==> flow/design.v <==
module u_barrel #(
  parameter DWIDTH = 40,
  parameter LOGN = $clog2(DWIDTH)
) (
  input  wire ck,
  input  wire RST,
  input  wire enable,
  input  wire [DWIDTH-1:0] ch,
  input  wire [LOGN-1:0] sh,
  output reg [DWIDTH-1:0] y
);
  always @(posedge ck) begin
    if (RST) begin
      y <= 0;
    end else if (enable) begin
      y <= ch >> sh;
    end
  end
endmodule
# Step by step through the tools: u_barrel
# What the tools print for u_barrel, step after step.
# Line numbers count from 1 in the design file above.
# Library cell names are shortened.
setup:
  top: "u_barrel"
  clock: "ck"
  cell_library: "sky130hd"
  pvt_corner: "tt_025C_1v80"

# Word level
# Yosys after proc, flatten, opt, wreduce and memory -nomap, before mapping. Enables and synchronous resets that opt folds into registers are not counted as muxes. Memory bits, and registers merged into a memory's read port (data or address), are not among the register bits. Print and check cells are not counted. Equal cells are merged and count once.
op_classes:
  reduce_and_logical: 0
  n_mux: 0
  n_cmp: 0
  n_mul: 0
  n_logic: 0
  shift: 1
  addsub: 0
  n_eq: 0
  div: 0
op_table:
  columns: ["operator", "count"]
  rows:
  - ["40-bit by 6-bit right shift with 40-bit output", 1]
bits:
  ff_bits: 40
  latchBits: 0
  ramBits: 0
  clocked_rd_ports_x_width: 0
  n_memories: 0
  mem_bits_ro: 0
  input_bits: 49
  wordCells: 2

# Depth
# Yosys ltp: most cells in a row. Word level: on the elaborated netlist, between registers, memories and ports. Mapped: between sequential cells and ports; inverters and the memories' decode and read muxes count.
depth:
  ltp_word: 1
  abc_area: 0
  ltp_mapped: 8

# Synthesis result
# The flow's flattened synthesis, as Yosys stat reports it; memories are mapped. The netlist is that of the ABC_AREA named above (0 if unset); the other value can give another one.
# Totals and module areas in this step are rounded.
synth_totals:
  flip_flops: 40
  stdcells: 384
  mapped_area_um2: 3560
by_type:
  columns: ["type", "count", "type_area_um2"]
  rows:
  - ["dfxtp_1", 40, 800.768]
  - ["mux4_2", 31, 698.17]
  - ["mux2i_1", 36, 360.346]
  - ["mux2_2", 14, 157.651]
  - ["nand2_1", 41, 153.898]
  - ["nor2_1", 37, 138.883]
  - ["a22oi_1", 15, 112.608]
  - ["a21oi_1", 19, 95.091]
  - ["clkbuf_1", 24, 90.086]
  - ["mux2_1", 8, 90.086]
  - ["a222oi_1", 7, 70.067]
  - ["o211ai_1", 8, 60.058]
  - ["nor2b_1", 8, 50.048]
  - ["o22ai_1", 8, 50.048]
  - ["a221oi_1", 5, 43.792]
  - ["a31oi_1", 7, 43.792]
  - ["buf_12", 2, 40.038]
  - ["o21ai_1", 8, 40.038]
# Not listed: further types 33, cells in them 66.

# Timing after synthesis
# Source: OpenSTA report_checks on the synthesized netlist (no wires, ideal clock, input and output delay 20% of the period each), path of least setup slack; recovery checks are left aside. Register names are those of the netlist, which keeps one name where synthesis merged equal registers.
synth_path:
  path_kind: "input to register"
  start: "in sh[0]"
  end: "reg y[17]"
  in_delay_ns: 0.546
  arrival_time_ns: 2.164
  path_slack_ns: 0.439
  clock_period_ns: 2.73
  required_time_ns: 2.602
  path_delay_ns: 1.746
  n_path_buf: 2
  stages: 7
  period_less_setup_slack_ns: 2.291
# "path_delay_ns" = arrival - input delay + setup time.
# "stages" counts driving pins, that of a launching flip-flop among them; a cell with two outputs on the path counts twice.
# "period_less_setup_slack_ns" is the clock period less the worst setup slack; recovery checks do not enter. This is arithmetic on one report: input and output delays are still those of the set period (20% each).
# The rows between start and end are the longest chain of elaborated cells between them; the timing report does not say that the signal goes this way. Where chains are equally long, one stands for them.
# Each line given opens the expression or statement behind the cell; cells for indexed reads and writes are added by Yosys, which also makes memories of some case tables.
synth_between:
  path_cell_list: "buf_6 -> buf_6 -> mux4_2 -> mux2_2 -> mux2_2 -> a222oi_1 -> nor2_1"
  elab_chain_len: 1
synth_rtl:
  columns: ["element", "line", "rtl"]
  rows:
  - ["start: declaration", 9, "input  wire [LOGN-1:0] sh,"]
  - ["40-bit by 6-bit right shift with 40-bit output", 16, "y <= ch >> sh;"]
  - ["end: assignment", 14, "y <= 0;"]
  - ["end: assignment", 16, null]
  - ["end: declaration", 10, "output reg [DWIDTH-1:0] y"]

# Timing after layout
# Path of least setup slack in the final report of entry A (OpenROAD, finished layout, wires in). Where an end is a register, its clock arrival counts in the times.
layout_path:
  path_kind: "input to register"
  start: "in sh[1]"
  end: "reg y[0]"
  arrival_time_ns: 2.57
  in_delay_ns: 0.55
  stages: 6
  n_path_buf: 1
  path_slack_ns: 0.34
  clock_period_ns: 2.73
  required_time_ns: 2.91
# The rows between start and end are the longest chain of elaborated cells between them; the timing report does not say that the signal goes this way. Where chains are equally long, one stands for them.
layout_between:
  path_cell_list: "clkdlybuf4s50_1 -> mux4_2 -> mux2_2 -> a221oi_1 -> o211a_1 -> nor4_1"
  elab_chain_len: 1
layout_rtl:
  columns: ["element", "line", "rtl"]
  rows:
  - ["start: declaration", 9, "input  wire [LOGN-1:0] sh,"]
  - ["40-bit by 6-bit right shift with 40-bit output", 16, "y <= ch >> sh;"]
  - ["end: assignment", 14, "y <= 0;"]
  - ["end: assignment", 16, null]
  - ["end: declaration", 10, "output reg [DWIDTH-1:0] y"]

--- measured runs ---
u_barrel through Yosys and OpenROAD on sky130hd: 3 stored runs, unordered, with their settings and measured results. The constraints put input and output delay at 20% of the set period each and load the outputs with 0.01 pF.
"timing.worst_path_ns" means the part of the period allowed to the worst setup path (the constraints hold back 20% at inputs and 20% at outputs) less its slack; where the path has registers, the arrival times of their clocks count too.
By "design_power_w" is meant OpenSTA's value without simulated activity: inputs other than the clock are taken to toggle once in ten clock periods, and the tool carries that through the logic.
Measured values are rounded.

--- entry A ---
==> flow/run.sh <==
#!/bin/bash
# the make line also repeats the synthesis and layout settings of config.mk as NAME=value (left out here)
make -C /OpenROAD-flow-scripts/flow DESIGN_CONFIG=/design/flow/config.mk WORK_HOME=/design/flow/orfs CLKGATE_MAP_FILE= finish
==> flow/config.mk <==
export PLATFORM = sky130hd
export DESIGN_NAME = u_barrel
export DESIGN_NICKNAME = u_barrel
export VERILOG_FILES = /design/flow/design.v
export SDC_FILE = /design/flow/constraint.sdc
export NUM_CORES = 4
export LEC_CHECK = 0
export CAP_MARGIN = 20
export CORE_MARGIN = 2
export CORE_UTILIZATION = 40
export SLEW_MARGIN = 20
==> flow/constraint.sdc <==
create_clock -name core_clock -period 2.73 [get_ports {ck}]
set_input_delay 0.5460 -clock core_clock [delete_from_list [all_inputs] [get_ports {ck}]]
set_output_delay 0.5460 -clock core_clock [all_outputs]
set_load 0.01 [all_outputs]

==> results, as YAML <==
results:
  design_power_w: 0.00185
  timing.setup.ws_ns: 0.343
  final_util_pct: 55.3
  total_negative_slack_ns: 0.000
  timing.hold.ws_ns: 0.454
  design_die_area_um2: 9670
  timing.worst_path_ns: 1.84
  critical_path_kind: "input to register"
  post_synth_area_um2: 3560

--- entry B ---
==> flow/run.sh <==
#!/bin/bash
# the make line also repeats the synthesis and layout settings of config.mk as NAME=value (left out here)
make -C /OpenROAD-flow-scripts/flow DESIGN_CONFIG=/design/flow/config.mk WORK_HOME=/design/flow/orfs CLKGATE_MAP_FILE= finish
==> flow/config.mk <==
export PLATFORM = sky130hd
export DESIGN_NAME = u_barrel
export DESIGN_NICKNAME = u_barrel
export VERILOG_FILES = /design/flow/design.v
export SDC_FILE = /design/flow/constraint.sdc
export NUM_CORES = 4
export LEC_CHECK = 0
export CAP_MARGIN = 20
export CELL_PAD_IN_SITES_DETAIL_PLACEMENT = 2
export CELL_PAD_IN_SITES_GLOBAL_PLACEMENT = 1
export CORE_ASPECT_RATIO = 1.22
export CORE_MARGIN = 2
export CORE_UTILIZATION = 39
export CTS_CLUSTER_DIAMETER = 274
export GPL_ROUTABILITY_DRIVEN = 0
export MAX_ROUTING_LAYER = met4
export SETUP_SLACK_MARGIN = -0.07
export SLEW_MARGIN = 20
==> flow/constraint.sdc <==
create_clock -name core_clock -period 1.78 [get_ports {ck}]
set_input_delay 0.3560 -clock core_clock [delete_from_list [all_inputs] [get_ports {ck}]]
set_output_delay 0.3560 -clock core_clock [all_outputs]
set_load 0.01 [all_outputs]

==> results, as YAML <==
outcome: "stopped before the end: placement reported DPL-0033"

--- entry C ---
==> flow/run.sh <==
#!/bin/bash
# the make line also repeats the synthesis and layout settings of config.mk as NAME=value (left out here)
make -C /OpenROAD-flow-scripts/flow DESIGN_CONFIG=/design/flow/config.mk WORK_HOME=/design/flow/orfs CLKGATE_MAP_FILE= finish
==> flow/config.mk <==
export PLATFORM = sky130hd
export DESIGN_NAME = u_barrel
export DESIGN_NICKNAME = u_barrel
export VERILOG_FILES = /design/flow/design.v
export SDC_FILE = /design/flow/constraint.sdc
export NUM_CORES = 4
export LEC_CHECK = 0
export CAP_MARGIN = 25
export CELL_PAD_IN_SITES_GLOBAL_PLACEMENT = 1
export CORE_ASPECT_RATIO = 0.72
export CORE_MARGIN = 2
export CORE_UTILIZATION = 32
export CTS_CLUSTER_SIZE = 26
export GPL_TIMING_DRIVEN = 0
export MIN_ROUTING_LAYER = met1
export PLACE_DENSITY = 0.73
export SETUP_SLACK_MARGIN = -0.07
export SLEW_MARGIN = 30
==> flow/constraint.sdc <==
create_clock -name core_clock -period 1.5 [get_ports {ck}]
set_input_delay 0.3000 -clock core_clock [delete_from_list [all_inputs] [get_ports {ck}]]
set_output_delay 0.3000 -clock core_clock [all_outputs]
set_load 0.01 [all_outputs]

==> results, as YAML <==
results:
  design_power_w: 0.00424
  timing.hold.ws_ns: 0.456
  final_util_pct: 54.3
  timing.setup.ws_ns: -0.474
  design_die_area_um2: 12000
  total_negative_slack_ns: -11.9
  post_synth_area_um2: 3560
  timing.worst_path_ns: 1.67
  critical_path_kind: "input to register"
--- end ---
